==> flow/design.v <==
module ex_aligner (clk_i, clr, src, sh, dout);
    parameter DWIDTH = 8;
    localparam SBITS = $clog2(DWIDTH);
    input clk_i;
    input clr;
    input [DWIDTH-1:0] src;
    input [SBITS-1:0] sh;
    output [DWIDTH-1:0] dout;
    reg [DWIDTH-1:0] r_src;
    reg [SBITS-1:0] r_sh;
    always @(posedge clk_i or posedge clr) begin
        if (clr) begin
            r_src <= 0;
            r_sh <= 0;
        end else begin
            r_src <= src;
            r_sh <= sh;
        end
    end
    assign dout = r_src << r_sh;
endmodule
# From RTL to reports: ex_aligner

The steps from the RTL of ex_aligner to its reports follow in flow order.
Line numbers count from 1 in the design file above.
A cell with - has no value.

Top: ex_aligner
Clock input: clk_i
Standard-cell library: sky130hd
Timing corner: tt_025C_1v80

# Elaborated design

Source: Yosys, flattened and elaborated, memories not mapped. Widths are those after wreduce; folded enables and synchronous resets count as part of the registers. Registers that Yosys merges into a memory's read port (data or address) are not register bits. Print and check cells do not count. Equal cells are merged and count once.

Eq/ne operators: 0
$lt $le $gt $ge: 0
Multiply operators: 0
Bitwise logic cells: 0
Add/subtract/negate cells: 0
Reduce/logical cells: 0
Shift operators: 1
Div/mod/pow operators: 0
Muxes and demuxes: 0

Operator list:

| cell                      | count |
| << shifter 8 x 3 -> 8 bit | 1 |

Flip-flop bits (word level): 11
Bits in read-only memories: 0
Bits in latches: 0
Input bits: 13
Output and inout bits: 8
Memory cells: 0
RAM bits: 0
Clocked read ports x word width: 0
Word-level cells: 3

# Logic depth

Longest topological path by Yosys (ltp), each cell counted once; first at word level (registers and memories cut), then after technology mapping (sequential cells cut; the memories' decode and read muxes count).

Depth in word-level cells: 1
ABC_AREA: 0
Gate-level depth with buffers: 4
Gate-level depth less buffers: 3

# After synthesis

Source: synth_stat.txt of the flow (Yosys; design flattened, memories mapped). It holds for the ABC_AREA given above (unset counts as 0); a run with the other value may have another netlist.
The area totals of this step are shown rounded.

Cell types:

| cell                       | count | area in all (um^2) |
| sky130_fd_sc_hd__dfrtp_1   | 11    | 275.264 |
| sky130_fd_sc_hd__mux4_2    | 2     | 45.043 |
| sky130_fd_sc_hd__mux2i_1   | 4     | 40.038 |
| sky130_fd_sc_hd__mux2_4    | 2     | 30.029 |
| sky130_fd_sc_hd__mux2_1    | 2     | 22.522 |
| sky130_fd_sc_hd__a211oi_1  | 2     | 15.014 |
| sky130_fd_sc_hd__buf_6     | 1     | 11.261 |
| sky130_fd_sc_hd__inv_1     | 3     | 11.261 |
| sky130_fd_sc_hd__mux2_2    | 1     | 11.261 |
| sky130_fd_sc_hd__nand2_1   | 3     | 11.261 |
| sky130_fd_sc_hd__buf_2     | 2     | 10.01 |
| sky130_fd_sc_hd__o21ai_0   | 2     | 10.01 |
| sky130_fd_sc_hd__a2bb2oi_1 | 1     | 8.758 |
| sky130_fd_sc_hd__nor4b_1   | 1     | 8.758 |
| sky130_fd_sc_hd__nand3b_1  | 1     | 7.507 |
| sky130_fd_sc_hd__o21a_1    | 1     | 7.507 |
| sky130_fd_sc_hd__nor2b_1   | 1     | 6.256 |
| sky130_fd_sc_hd__o22ai_1   | 1     | 6.256 |

Other cell types: 3; their cells: 3.

Area of sequential cells: 275 um^2
Cell area after synthesis: 552 um^2
Cell count: 44
Buffer cells: 3
Flip-flops: 11

# Path before layout

OpenSTA on the mapped netlist: ideal clock, no wires. The path of least setup slack (recovery checks aside). Input and output delay are each 20% of the period. Register names are those of the netlist, which keeps one name where synthesis merged equal registers.

Path type: register -> output
Start point: register r_sh[2]
End point: output dout[7]
Stages: 4
Path buffers: 1
Arrival time: 1275 ps
Output delay: 398 ps
Path delay: 1275 ps
Time at the first pin: 0 ps
Clock period: 1990 ps
Path slack: 317 ps
Data required time: 1592 ps
Period reached after synthesis: 1673 ps

"path delay" is the arrival time less input delay plus setup time.
A path that ends at an output port has no setup time.
"stages": output pins that drive a net of the path, with the launching flip-flop's if there is one; two outputs of one cell count as two.
"period reached after synthesis" = period - worst setup slack (recovery checks aside). The figure is calculated, with input and output delays left at 20% of the set period.
Between the ends stands the longest chain of elaborated cells between them, by number of cells; it is not shown to be the way that was timed. Of several equally long chains one is given.
A line is the first line of the expression or statement that the cell stems from. Yosys adds cells for indexed reads and writes and turns some case tables into memories.

Cell sequence: sky130_fd_sc_hd__dfrtp_1 > sky130_fd_sc_hd__buf_6 > sky130_fd_sc_hd__mux2_4 > sky130_fd_sc_hd__mux4_2
Length of the longest elaborated chain: 1
Elaborated cells between the ends (all ways): 1
RTL lines with such cells: 1
Those cells by class: shift: 1

Ends and longest elaborated chain, post-synthesis:

| what                      | RTL line | text |
| start, declared           | 10       | `reg [SBITS-1:0] r_sh;` |
| start, assigned           | 14       | `r_sh <= 0;` |
| start, assigned           | 17       | `r_sh <= sh;` |
| << shifter 8 x 3 -> 8 bit | 20       | `assign dout = r_src << r_sh;` |
| end, declared             | 8        | `output [DWIDTH-1:0] dout;` |

# Worst path after layout

From the final timing report of stored run 1: the path of least setup slack in the routed layout; clock arrival at registers is part of the times.
The report prints the path's times to 10 ps; the period is as set.

Path type: register -> output
Start point: register r_sh[2]
End point: output dout[7]
Clock period: 1370 ps
Data required time: 1100 ps
Path buffers: 1
Stages: 4
Arrival time: 1630 ps
Path slack: -540 ps
Time at the first pin: 250 ps
Output delay: 270 ps

Between the ends stands the longest chain of elaborated cells between them, by number of cells; it is not shown to be the way that was timed. Of several equally long chains one is given.

Cell sequence: sky130_fd_sc_hd__dfrtp_2 > sky130_fd_sc_hd__mux2_4 > sky130_fd_sc_hd__mux4_2 > sky130_fd_sc_hd__buf_6
Length of the longest elaborated chain: 1
Elaborated cells between the ends (all ways): 1
RTL lines with such cells: 1
Those cells by class: shift: 1

Ends and longest elaborated chain, post-layout:

| what                      | RTL line | text |
| start, declared           | 10       | `reg [SBITS-1:0] r_sh;` |
| start, assigned           | 14       | `r_sh <= 0;` |
| start, assigned           | 17       | `r_sh <= sh;` |
| << shifter 8 x 3 -> 8 bit | 20       | `assign dout = r_src << r_sh;` |
| end, declared             | 8        | `output [DWIDTH-1:0] dout;` |

Add stored flow runs of ex_aligner

Stored flow runs of ex_aligner (3 of them; Yosys, OpenROAD, sky130hd). They differ in their settings and are not a sequence. Constraints: input delay and output delay 20% of the set period each, output load 0.01 pF.
"worst setup path time" means the part of the period allowed to the worst setup path (the constraints hold back 20% at inputs and 20% at outputs) less its slack; where the path has registers, the arrival times of their clocks count too.
By "power consumption" is meant OpenSTA's value without simulated activity: inputs other than the clock are taken to toggle once in ten clock periods, and the tool carries that through the logic.
"worst setup path time" is known to 10 ps.
Values from the reports are rounded here.
Settings: . = not set for that run.
Results: . = not shown.

| setting or result                             | stored run 1       | stored run 2 | stored run 3       |
| period_ns                                     | 1.37               | 1.81         | 1.99               |
| CORE_UTILIZATION                              | 16                 | 58           | 40                 |
| SETUP_SLACK_MARGIN                            | 0.13               | 0.0          | .                  |
| PLACE_DENSITY_LB_ADDON                        | 0.23               | 0.13         | .                  |
| CORE_ASPECT_RATIO                             | 1.09               | 1.88         | .                  |
| CORE_MARGIN                                   | 10                 | 10           | 2                  |
| TNS_END_PERCENT                               | 55                 | .            | .                  |
| ABC_AREA                                      | 0                  | 1            | .                  |
| GPL_ROUTABILITY_DRIVEN                        | 1                  | .            | .                  |
| SLEW_MARGIN                                   | 20                 | 20           | 20                 |
| MIN_ROUTING_LAYER                             | met2               | .            | .                  |
| MAX_ROUTING_LAYER                             | met5               | .            | .                  |
| CAP_MARGIN                                    | 20                 | 20           | 20                 |
| CTS_CLUSTER_SIZE                              | .                  | 85           | .                  |
| final utilization (%)                         | 28.3               | .            | 67.4               |
| standard-cell area of the final layout (um^2) | 950                | .            | 877                |
| mapped cell area after synthesis (um^2)       | 552                | .            | 552                |
| power consumption (µW)                        | 760                | .            | 510                |
| total negative setup slack (ps)               | -2590              | .            | -56                |
| full die area (um^2)                          | 6200               | .            | 1690               |
| setup slack of the worst path (ps)            | -536               | .            | -56                |
| worst setup path time (ps)                    | 1630               | .            | 1650               |
| worst path kind                               | register -> output | .            | register -> output |

Stored run 2: not finished: floorplanning ended with error PDN-0185
